==> flow/design.v <==
module dp_mplex #(
   parameter int DATA_WIDTH = 2
) (
   input logic aclk,
   input logic resetn,
   input logic [DATA_WIDTH-1:0] src0,
   input logic [DATA_WIDTH-1:0] src1,
   input logic [DATA_WIDTH-1:0] src2,
   input logic [DATA_WIDTH-1:0] src3,
   input logic [DATA_WIDTH-1:0] src4,
   input logic [3:0] s,
   output logic [DATA_WIDTH-1:0] data_out
);
   logic [DATA_WIDTH-1:0] src0_r;
   logic [DATA_WIDTH-1:0] src1_r;
   logic [DATA_WIDTH-1:0] src2_r;
   logic [DATA_WIDTH-1:0] src3_r;
   logic [DATA_WIDTH-1:0] src4_r;
   logic [3:0] s_r;
   always_ff @(posedge aclk) begin
      if (~resetn) begin
         src0_r <= 0;
         src1_r <= 0;
         src2_r <= 0;
         src3_r <= 0;
         src4_r <= 0;
         s_r <= 0;
      end else begin
         src0_r <= src0;
         src1_r <= src1;
         src2_r <= src2;
         src3_r <= src3;
         src4_r <= src4;
         s_r <= s;
      end
   end
   logic [DATA_WIDTH-1:0] work;
   always_comb begin
      casez (s_r)
         4'b???1: work = src0_r;
         4'b??10: work = src1_r;
         4'b?100: work = src2_r;
         4'b1000: work = src3_r;
         default: work = src4_r;
      endcase
   end
   always_ff @(posedge aclk) begin
      if (~resetn) begin
         data_out <= 0;
      end else begin
         data_out <= work;
      end
   end
endmodule
Wiki page: dp_mplex / tool data

Reports on dp_mplex. Tool output for the members of one design family, told apart by "inputs", in the order of the flow. The file above is the member inputs = 5. Line numbers count from 1 in each member's own file. Library cell names are shortened. The mark n/a stands for no value.

Top: dp_mplex. Clock port: aclk. Cell library: sky130hd. Library corner: tt_025C_1v80.

Members of the sweep. Lines of each other member's file that are new or changed against the file above; lines that a member lacks are not shown.

Lines new or changed: inputs 6 (RTL line 11) `input logic [DATA_WIDTH-1:0] src5,`; inputs 6 (RTL line 12) `input logic [4:0] s,`; inputs 6 (RTL line 20) `logic [DATA_WIDTH-1:0] src5_r;`; inputs 6 (RTL line 21) `logic [4:0] s_r;`; inputs 6 (RTL line 29) `src5_r <= 0;`; inputs 6 (RTL line 37) `src5_r <= src5;`; inputs 6 (RTL line 44) `5'b????1: work = src0_r;`; inputs 6 (RTL line 45) `5'b???10: work = src1_r;`; inputs 6 (RTL line 46) `5'b??100: work = src2_r;`; inputs 6 (RTL line 47) `5'b?1000: work = src3_r;`; inputs 6 (RTL line 48) `5'b10000: work = src4_r;`; inputs 6 (RTL line 49) `default: work = src5_r;`; inputs 7 (RTL line 11) `input logic [DATA_WIDTH-1:0] src5,`; inputs 7 (RTL line 12) `input logic [DATA_WIDTH-1:0] src6,`; inputs 7 (RTL line 13) `input logic [5:0] s,`; inputs 7 (RTL line 21) `logic [DATA_WIDTH-1:0] src5_r;`; inputs 7 (RTL line 22) `logic [DATA_WIDTH-1:0] src6_r;`; inputs 7 (RTL line 23) `logic [5:0] s_r;`; inputs 7 (RTL line 31) `src5_r <= 0;`; inputs 7 (RTL line 32) `src6_r <= 0;`; inputs 7 (RTL line 40) `src5_r <= src5;`; inputs 7 (RTL line 41) `src6_r <= src6;`; inputs 7 (RTL line 48) `6'b?????1: work = src0_r;`; inputs 7 (RTL line 49) `6'b????10: work = src1_r;`; inputs 7 (RTL line 50) `6'b???100: work = src2_r;`; inputs 7 (RTL line 51) `6'b??1000: work = src3_r;`; inputs 7 (RTL line 52) `6'b?10000: work = src4_r;`; inputs 7 (RTL line 53) `6'b100000: work = src5_r;`; inputs 7 (RTL line 54) `default: work = src6_r;`; inputs 12 (RTL line 11) `input logic [DATA_WIDTH-1:0] src5,`; inputs 12 (RTL line 12) `input logic [DATA_WIDTH-1:0] src6,`; inputs 12 (RTL line 13) `input logic [DATA_WIDTH-1:0] src7,`; inputs 12 (RTL line 14) `input logic [DATA_WIDTH-1:0] src8,`; inputs 12 (RTL line 15) `input logic [DATA_WIDTH-1:0] src9,`; inputs 12 (RTL line 16) `input logic [DATA_WIDTH-1:0] src10,`; inputs 12 (RTL line 17) `input logic [DATA_WIDTH-1:0] src11,`; inputs 12 (RTL line 18) `input logic [10:0] s,`; inputs 12 (RTL line 26) `logic [DATA_WIDTH-1:0] src5_r;`; inputs 12 (RTL line 27) `logic [DATA_WIDTH-1:0] src6_r;`; inputs 12 (RTL line 28) `logic [DATA_WIDTH-1:0] src7_r;`; inputs 12 (RTL line 29) `logic [DATA_WIDTH-1:0] src8_r;`; inputs 12 (RTL line 30) `logic [DATA_WIDTH-1:0] src9_r;`; inputs 12 (RTL line 31) `logic [DATA_WIDTH-1:0] src10_r;`; inputs 12 (RTL line 32) `logic [DATA_WIDTH-1:0] src11_r;`; inputs 12 (RTL line 33) `logic [10:0] s_r;`; inputs 12 (RTL line 41) `src5_r <= 0;`; inputs 12 (RTL line 42) `src6_r <= 0;`; inputs 12 (RTL line 43) `src7_r <= 0;`; inputs 12 (RTL line 44) `src8_r <= 0;`; inputs 12 (RTL line 45) `src9_r <= 0;`; inputs 12 (RTL line 46) `src10_r <= 0;`; inputs 12 (RTL line 47) `src11_r <= 0;`; inputs 12 (RTL line 55) `src5_r <= src5;`; inputs 12 (RTL line 56) `src6_r <= src6;`; inputs 12 (RTL line 57) `src7_r <= src7;`; inputs 12 (RTL line 58) `src8_r <= src8;`; inputs 12 (RTL line 59) `src9_r <= src9;`; inputs 12 (RTL line 60) `src10_r <= src10;`; inputs 12 (RTL line 61) `src11_r <= src11;`; inputs 12 (RTL line 68) `11'b??????????1: work = src0_r;`; inputs 12 (RTL line 69) `11'b?????????10: work = src1_r;`; inputs 12 (RTL line 70) `11'b????????100: work = src2_r;`; inputs 12 (RTL line 71) `11'b???????1000: work = src3_r;`; inputs 12 (RTL line 72) `11'b??????10000: work = src4_r;`; inputs 12 (RTL line 73) `11'b?????100000: work = src5_r;`; inputs 12 (RTL line 74) `11'b????1000000: work = src6_r;`; inputs 12 (RTL line 75) `11'b???10000000: work = src7_r;`; inputs 12 (RTL line 76) `11'b??100000000: work = src8_r;`; inputs 12 (RTL line 77) `11'b?1000000000: work = src9_r;`; inputs 12 (RTL line 78) `11'b10000000000: work = src10_r;`; inputs 12 (RTL line 79) `default: work = src11_r;`.

Word level. Yosys after proc, flatten, opt, wreduce and memory -nomap, before mapping. Enables and synchronous resets that opt folds into registers are not counted as muxes. Memory bits, and registers merged into a memory's read port (data or address), are not among the register bits. Print and check cells are not counted. Equal cells are merged and count once.

Word-level totals: inputs 5 (register bits 16, bits of input ports 16); inputs 6 (register bits 19, bits of input ports 19); inputs 7 (register bits 22, bits of input ports 22); inputs 12 (register bits 37, bits of input ports 37).

Operators by class: inputs 5 (muxes and demuxes 1, eq/ne operators 3); inputs 6 (muxes and demuxes 1, eq/ne operators 4); inputs 7 (muxes and demuxes 1, eq/ne operators 5); inputs 12 (muxes and demuxes 1, eq/ne operators 10).

Operators with widths (kinds with counts): inputs 5 (1 x 2-bit case mux with 4-bit select; 1 x 4-bit equality test (second input constant); 1 x 3-bit equality test (second input constant); 1 x 2-bit equality test (second input constant)); inputs 6 (1 x 2-bit case mux with 5-bit select; 1 x 5-bit equality test (second input constant); 1 x 4-bit equality test (second input constant); 1 x 3-bit equality test (second input constant); 1 x 2-bit equality test (second input constant)); inputs 7 (1 x 2-bit case mux with 6-bit select; 1 x 6-bit equality test (second input constant); 1 x 5-bit equality test (second input constant); 1 x 4-bit equality test (second input constant); 1 x 3-bit equality test (second input constant); 1 x 2-bit equality test (second input constant)); inputs 12 (1 x 2-bit case mux with 11-bit select; 1 x 11-bit equality test (second input constant); 1 x 10-bit equality test (second input constant); 1 x 9-bit equality test (second input constant); 1 x 8-bit equality test (second input constant); 1 x 7-bit equality test (second input constant); 1 x 6-bit equality test (second input constant); 1 x 5-bit equality test (second input constant); 1 x 4-bit equality test (second input constant); 1 x 3-bit equality test (second input constant); 1 x 2-bit equality test (second input constant)).

Longest topological paths. Depth = most cells in a row (Yosys ltp): at word level without a register or memory, in the mapped netlist without a sequential cell, where the memories' decode and read muxes count.

Depth: inputs 5 (depth in word-level cells 2, ABC_AREA 0, mapped depth 3); inputs 6 (depth in word-level cells 2, ABC_AREA 0, mapped depth 3); inputs 7 (depth in word-level cells 2, ABC_AREA 0, mapped depth 3); inputs 12 (depth in word-level cells 2, ABC_AREA 0, mapped depth 4).

Netlist. Yosys stat after the flow's synthesis: flattened, memories mapped to cells. It holds for the ABC_AREA given above (unset counts as 0); a run with the other value may have another netlist.

Mapped netlist: inputs 5 (buffers 1, cell count 48, mapped flip-flops 16, cell area after synthesis 0.000523 mm2, area of sequential cells 0.0003203 mm2); inputs 6 (buffers 1, cell count 55, mapped flip-flops 19, cell area after synthesis 0.0006156 mm2, area of sequential cells 0.0003804 mm2); inputs 7 (buffers 2, cell count 68, mapped flip-flops 22, cell area after synthesis 0.0007282 mm2, area of sequential cells 0.0004404 mm2); inputs 12 (buffers 3, cell count 120, mapped flip-flops 37, cell area after synthesis 0.0012449 mm2, area of sequential cells 0.0007407 mm2).

Cells by type (type and count): inputs 5 (16 x dfxtp_1; 15 x and2_1; 1 x o221ai_2; 2 x a31oi_1; 1 x or4_4; 2 x a21oi_1; 1 x nor4bb_1; 1 x nand3b_1; 1 x nand2b_1; 1 x nand4_1; 1 x nor3_1; 1 x o21ai_0; 1 x o21ai_1; 1 x clkbuf_1; 1 x inv_1; 1 x nand2_1; 1 x nor2_1); inputs 6 (19 x dfxtp_1; 17 x and2_1; 4 x nor2b_1; 2 x o221a_1; 4 x a21oi_1; 2 x nand3b_1; 2 x nor3b_1; 1 x or3_4; 2 x nor3_1; 1 x or3_1; 1 x clkbuf_1); inputs 7 (22 x dfxtp_1; 22 x and2_1; 2 x a22o_2; 2 x o221ai_1; 2 x o41ai_1; 2 x nand3b_1; 2 x a31oi_1; 3 x inv_1; 2 x a21oi_1; 2 x nand3_1; 2 x clkbuf_1; 1 x o21bai_1; 1 x or2_2; 1 x or3_1; 1 x nor3_1; 1 x nor2_1); inputs 12 (37 x dfxtp_1; 35 x and2_1; 5 x nand2b_1; 8 x nand2_1; 6 x o21ai_0; 4 x a31oi_1; 1 x nor4_4; 4 x a21oi_1; 2 x a2bb2oi_1; 2 x a22oi_1; 2 x nand3b_1; 2 x o211ai_1; 3 x clkbuf_1; 1 x nand4bb_1; 1 x or4_4; 2 x nor3_1; 2 x inv_1; 2 x nor2_1; 1 x or2_2).

Path before layout. Source: OpenSTA report_checks on the synthesized netlist (no wires, ideal clock, input and output delay 20% of the period each), path of least setup slack; recovery checks are left aside. Register names are those of the netlist, which keeps one name where synthesis merged equal registers.

Timing path post-synthesis: inputs 5 (path kind register -> register, start reg s_r[2], end reg data_out[1], clock period 1430 ps, path delay 1142 ps, slack 288 ps, stages 4, period reached after synthesis 1142 ps); inputs 6 (path kind register -> register, start reg s_r[1], end reg data_out[1], clock period 1710 ps, path delay 1369 ps, slack 342 ps, stages 4, period reached after synthesis 1368 ps); inputs 7 (path kind register -> register, start reg s_r[2], end reg data_out[0], clock period 1440 ps, path delay 1156 ps, slack 284 ps, stages 4, period reached after synthesis 1156 ps); inputs 12 (path kind register -> register, start reg s_r[1], end reg data_out[0], clock period 1820 ps, path delay 1453 ps, slack 367 ps, stages 5, period reached after synthesis 1453 ps).

"path delay" is the arrival time less input delay plus setup time. "stages": output pins that drive a net of the path, with the launching flip-flop's if there is one; two outputs of one cell count as two. "period reached after synthesis" = period - worst setup slack (recovery checks aside). The figure is calculated, with input and output delays left at 20% of the set period. The rows between start and end are the longest chain of elaborated cells between them; the timing report does not say that the signal goes this way. Where chains are equally long, one stands for them. Each line given opens the expression or statement behind the cell; cells for indexed reads and writes are added by Yosys, which also makes memories of some case tables.

On the way, post-synthesis, inputs = 5:
Under cells in the longest elaborated chain stands 2.

Ends and longest elaborated chain, post-synthesis, inputs = 5: start: declaration (RTL line 19) `logic [3:0] s_r;`; start: assignment (RTL line 27) `s_r <= 0;`; start: assignment (RTL line 34) `s_r <= s;`; 4-bit equality test (RTL line 39) `casez (s_r)`; 2-bit case mux with 4-bit select (RTL line 39); end: assignment (RTL line 49) `data_out <= 0;`; end: assignment (RTL line 51) `data_out <= work;`; end: declaration (RTL line 12) `output logic [DATA_WIDTH-1:0] data_out`.

On the way, post-synthesis, inputs = 12:
Under cells in the longest elaborated chain stands 2.

Ends and longest elaborated chain, post-synthesis, inputs = 12: start: declaration (RTL line 33) `logic [10:0] s_r;`; start: assignment (RTL line 48) `s_r <= 0;`; start: assignment (RTL line 62) `s_r <= s;`; 11-bit equality test (RTL line 67) `casez (s_r)`; 2-bit case mux with 11-bit select (RTL line 67); end: assignment (RTL line 84) `data_out <= 0;`; end: assignment (RTL line 86) `data_out <= work;`; end: declaration (RTL line 19) `output logic [DATA_WIDTH-1:0] data_out`.

Path in the finished layout. Path of least setup slack in the final report of each member's run (OpenROAD, finished layout, wires in). Where an end is a register, its clock arrival counts in the times. The report prints the path's times to 10 ps; the period is as set.

Timing path post-layout: inputs 5 (path kind register -> output, start reg data_out[1], end out data_out[1], clock period 1430 ps, slack 30 ps, path buffers 1, stages 2, arrival time 1110 ps); inputs 6 (path kind register -> output, start reg data_out[0], end out data_out[0], clock period 1710 ps, slack 240 ps, path buffers 1, stages 2, arrival time 1130 ps); inputs 7 (path kind register -> register, start reg s_r[0], end reg data_out[0], clock period 1440 ps, slack 200 ps, path buffers 0, stages 4, arrival time 1430 ps); inputs 12 (path kind register -> output, start reg data_out[0], end out data_out[0], clock period 1820 ps, slack 270 ps, path buffers 1, stages 2, arrival time 1190 ps).

Measured runs. One run of the flow (Yosys, OpenROAD) for each member, with settings and measured results. Input and output delays are each 20% of the period that was set; the output load is 0.01 pF.

CAP_MARGIN: 20. CORE_MARGIN: 2. The entry for CORE_UTILIZATION reads 40. The figure for SLEW_MARGIN is 20.

Settings by member (period_ns): inputs 5 (1.43); inputs 6 (1.71); inputs 7 (1.44); inputs 12 (1.82).

Measured results: inputs 5 (total power of the final layout 0.8650 mW, die size 0.0016128 mm2, clock period achieved 1396 ps, setup slack of the worst path 34 ps, summed negative setup slack 0 ps, worst-case hold slack 465 ps, mapped cell area after synthesis 0.000523 mm2, standard-cell area of the final layout 0.0007545 mm2, utilization after routing 0.602); inputs 6 (total power of the final layout 0.7911 mW, die size 0.0018688 mm2, clock period achieved 1470 ps, setup slack of the worst path 240 ps, summed negative setup slack 0 ps, worst-case hold slack 507 ps, mapped cell area after synthesis 0.0006156 mm2, standard-cell area of the final layout 0.0008671 mm2, utilization after routing 0.589); inputs 7 (total power of the final layout 1.117 mW, die size 0.0021776 mm2, clock period achieved 1239 ps, setup slack of the worst path 201 ps, summed negative setup slack 0 ps, worst-case hold slack 486 ps, mapped cell area after synthesis 0.0007282 mm2, standard-cell area of the final layout 0.001031 mm2, utilization after routing 0.597); inputs 12 (total power of the final layout 1.621 mW, die size 0.0035748 mm2, clock period achieved 1552 ps, setup slack of the worst path 268 ps, summed negative setup slack 0 ps, worst-case hold slack 547 ps, mapped cell area after synthesis 0.0012449 mm2, standard-cell area of the final layout 0.0017554 mm2, utilization after routing 0.585).

"clock period achieved" = clock period - worst setup slack. The figure is calculated, with input and output delays left at 20% of the set period. By "total power of the final layout" is meant OpenSTA's value without simulated activity: inputs other than the clock are taken to toggle once in ten clock periods, and the tool carries that through the logic.
